==> flow/design.v <==
module sync_compare_mod #(
  parameter integer W = 20,
  parameter integer LANES = 16
) (
  input logic core_clk,
  input logic rst_n,
  input logic [LANES*W-1:0] ch,
  output logic [W-1:0] high
);
  wire [W-1:0] n_ [1:2*LANES-1];
  generate
    for (genvar k = 0; k < LANES; k++) begin : gen
      assign n_[LANES+k] = ch[k*W +: W];
    end
    for (genvar k = 1; k < LANES; k++) begin : lane
      assign n_[k] = (n_[2*k] > n_[2*k+1]) ? n_[2*k] : n_[2*k+1];
    end
  endgenerate
  always_ff @(posedge core_clk) begin
    if (~rst_n) begin
      high <= '0;
    end else begin
      high <= n_[1];
    end
  end
endmodule
Tool chain data of sync_compare_mod
The steps from the RTL of sync_compare_mod to its reports follow in flow order.
Line numbers count from 1 in the design file above.
Operators: Yosys type, input widths -> output width; for muxes data width and select width s.
Cell names lack the library's common part.
A cell with n/a has no value.

inputs
  design top = sync_compare_mod
  clock = core_clk
  cell library = sky130hd
  corner = tt_025C_1v80

Elaborated design
Counts by Yosys on the flattened word-level netlist (proc, flatten, opt, wreduce; memories kept). Register bits leave out memories and registers merged into their read ports (data or address); mux counts leave out enables and synchronous resets folded into registers. Print and check cells are left out. Cells with the same type and inputs are merged into one.

word-level totals
  register bits = 20
  input bits = 322
  output and inout bits = 20

cells by class
  multiplexer cells = 15
  order comparisons = 15

operator list
  operator      number
  $gt 20x20->1  15
  $mux 20       15

Depth
Yosys ltp: most cells in a row. Word level: on the elaborated netlist, between registers, memories and ports. Mapped: between sequential cells and ports; inverters and the memories' decode and read muxes count.

logic depth
  depth in word-level cells = 8
  ABC_AREA = 0
  gate-level depth with buffers = 55
  depth with buffers taken out = 49

Mapped cells and area
Yosys stat after the flow's synthesis: flattened, memories mapped to cells. It holds for the ABC_AREA given above (unset counts as 0); a run with the other value may have another netlist.

synthesis totals
  chip area (Yosys) = 12,256.8 µm²
  flip-flops = 20
  buffers = 61
  sequential area = 400.4 µm²
  standard cells after synthesis = 1,663

cell types
  cell type  number  total area (µm²)
  ha_1       295     3,691.04
  mux2i_1    213     2.13E+03
  inv_1      288     1.08E+03
  a21oi_1    139     695.667
  nand2_1    110     412.896
  dfxtp_1    20      400.384
  nand4_1    58      362.848
  a21o_1     44      330.317
  o21ai_0    65      325.312
  nor2_1     67      251.491
  o2111ai_1  20      175.168
  nor2b_1    26      162.656
  a311oi_1   18      157.651
  a32oi_1    18      157.651
  nor3_1     27      135.13
  nand2b_1   20      125.12
  clkbuf_1   33      123.869
  mux2_2     10      112.608

Other cell types: 58; their cells: 192.

Worst setup path after synthesis
Source: OpenSTA report_checks on the synthesized netlist (no wires, ideal clock, input and output delay 20% of the period each), path of least setup slack; recovery checks are left aside. Register names are those of the netlist, which keeps one name where synthesis merged equal registers.

timing post-synthesis
  kind = input port to flip-flop
  start point = in ch[318]
  end point = reg high[13]
  external input delay = 3.040 ns
  clock period = 15.2 ns
  required time = 15.137 ns
  data arrival time = 12.699 ns
  stages = 51
  delay of the path = 9.722 ns
  setup slack = 2.437 ns
  synthesis period reached = 12.763 ns

"delay of the path" is the arrival time less input delay plus setup time.
"stages": output pins that drive a net of the path, with the launching flip-flop's if there is one; two outputs of one cell count as two.
"synthesis period reached" is the clock period less the worst setup slack; recovery checks do not enter. This is arithmetic on one report: input and output delays are still those of the set period (20% each).
Between the ends stands the longest chain of elaborated cells between them, by number of cells; it is not shown to be the way that was timed. Of several equally long chains one is given.
Each line given opens the expression or statement behind the cell; cells for indexed reads and writes are added by Yosys, which also makes memories of some case tables.

on the way, post-synthesis
  cell sequence = inv_1 -> ha_1 -> nand4_1 -> or2_1 -> or4_1 -> o21ai_0 -> clkbuf_1 -> clkbuf_1 -> mux2i_1 -> ha_1 -> a21o_1 -> a21oi_1 -> nor2b_1 -> o21ai_0 -> nand2b_1 -> a21oi_1 -> o21ai_0 -> or4_1 -> [... 15 more ...] -> o21ai_1 -> buf_4 -> buf_8 -> mux2i_1 -> ha_1 -> a21o_1 -> a21o_1 -> a211o_1 -> a21o_1 -> a21o_1 -> a21oi_1 -> o221ai_1 -> o21ai_0 -> and2_1 -> clkbuf_1 -> clkbuf_1 -> o2111ai_1 -> nand3b_1
  cells in the longest elaborated chain = 8

ends and longest elaborated chain, post-synthesis
  what             line  text
  start, declared  7     input logic [LANES*W-1:0] ch,
  $gt 20x20->1     16    assign n_[k] = (n_[2*k] > n_[2*k+1]) ? n_[2*k] : n_[2*k+1];
  $mux 20          16
  $gt 20x20->1     16
  $mux 20          16
  $gt 20x20->1     16
  $mux 20          16
  $gt 20x20->1     16
  $mux 20          16
  end, assigned    21    high <= '0;
  end, assigned    23    high <= n_[1];
  end, declared    8     output logic [W-1:0] high

Timing after layout
Path of least setup slack in the final report of run A (OpenROAD, finished layout, wires in). Where an end is a register, its clock arrival counts in the times.

timing post-layout
  kind = input port to flip-flop
  start point = in ch[278]
  end point = reg high[3]
  setup slack = 1.12 ns
  stages = 46
  external input delay = 3.04 ns
  required time = 15.40 ns
  clock period = 15.2 ns
  data arrival time = 14.28 ns

Between the ends stands the longest chain of elaborated cells between them, by number of cells; it is not shown to be the way that was timed. Of several equally long chains one is given.

on the way, post-layout
  cell sequence = clkdlybuf4s50_1 -> inv_1 -> ha_1 -> nand4_1 -> or4_4 -> a21o_1 -> a31oi_2 -> buf_4 -> mux2i_1 -> inv_1 -> ha_1 -> nand4_1 -> nor4_1 -> nand3_1 -> nor4_2 -> or4_1 -> nand2_1 -> a21oi_1 -> [... 10 more ...] -> a221oi_1 -> o211ai_1 -> buf_4 -> o21ai_2 -> buf_4 -> mux2i_1 -> ha_1 -> nand4_1 -> or2_2 -> nor3_1 -> a221oi_1 -> o221ai_1 -> o21ai_0 -> nor2_4 -> buf_4 -> nand2_1 -> mux2i_1 -> nand3b_1
  cells in the longest elaborated chain = 8

ends and longest elaborated chain, post-layout
  what             line  text
  start, declared  7     input logic [LANES*W-1:0] ch,
  $gt 20x20->1     16    assign n_[k] = (n_[2*k] > n_[2*k+1]) ? n_[2*k] : n_[2*k+1];
  $mux 20          16
  $gt 20x20->1     16
  $mux 20          16
  $gt 20x20->1     16
  $mux 20          16
  $gt 20x20->1     16
  $mux 20          16
  end, assigned    21    high <= '0;
  end, assigned    23    high <= n_[1];
  end, declared    8     output logic [W-1:0] high

# Flow runs of sync_compare_mod

Settings and measured results of 3 stored flow runs for module sync_compare_mod (sky130hd), not sorted in any way. The constraints put input and output delay at 20% of the set period each and load the outputs with 0.01 pF.
"total design power" rests on the timing tool's default activity at the inputs, not on a simulated workload.
A setting shown as - is not set for that run.
Among the results, - means that no value is shown for the run.

setting or result                      run A     run B      run C
period_ns                              15.2      21.9       11.8
CAP_MARGIN                             20        20         15
CORE_MARGIN                            2         2          2
CORE_UTILIZATION                       40        50         67
SLEW_MARGIN                            20        35         20
SETUP_SLACK_MARGIN                     -         2.79       3.08
PLACE_DENSITY_LB_ADDON                 -         0.06       0.26
CELL_PAD_IN_SITES_DETAIL_PLACEMENT     -         0          -
TNS_END_PERCENT                        -         15         -
CTS_CLUSTER_DIAMETER                   -         281        65
CELL_PAD_IN_SITES_GLOBAL_PLACEMENT     -         -          1
GPL_ROUTABILITY_DRIVEN                 -         -          0
MAX_ROUTING_LAYER                      -         -          met5
final utilization (%)                  53.3      66.4       -
worst setup slack after layout (ns)    1.118     5.952      -
area inside the die boundary (µm²)     32,058.9  25,781.1   -
Yosys chip area after synthesis (µm²)  12,256.8  12,256.8   -
setup total negative slack (ns)        0.000     0.000      -
total design power (W)                 0.0014    0.0009648  -
post-route worst hold slack (ns)       3.485     4.904      -

Run C: stopped before the end: placement reported FLW-0024
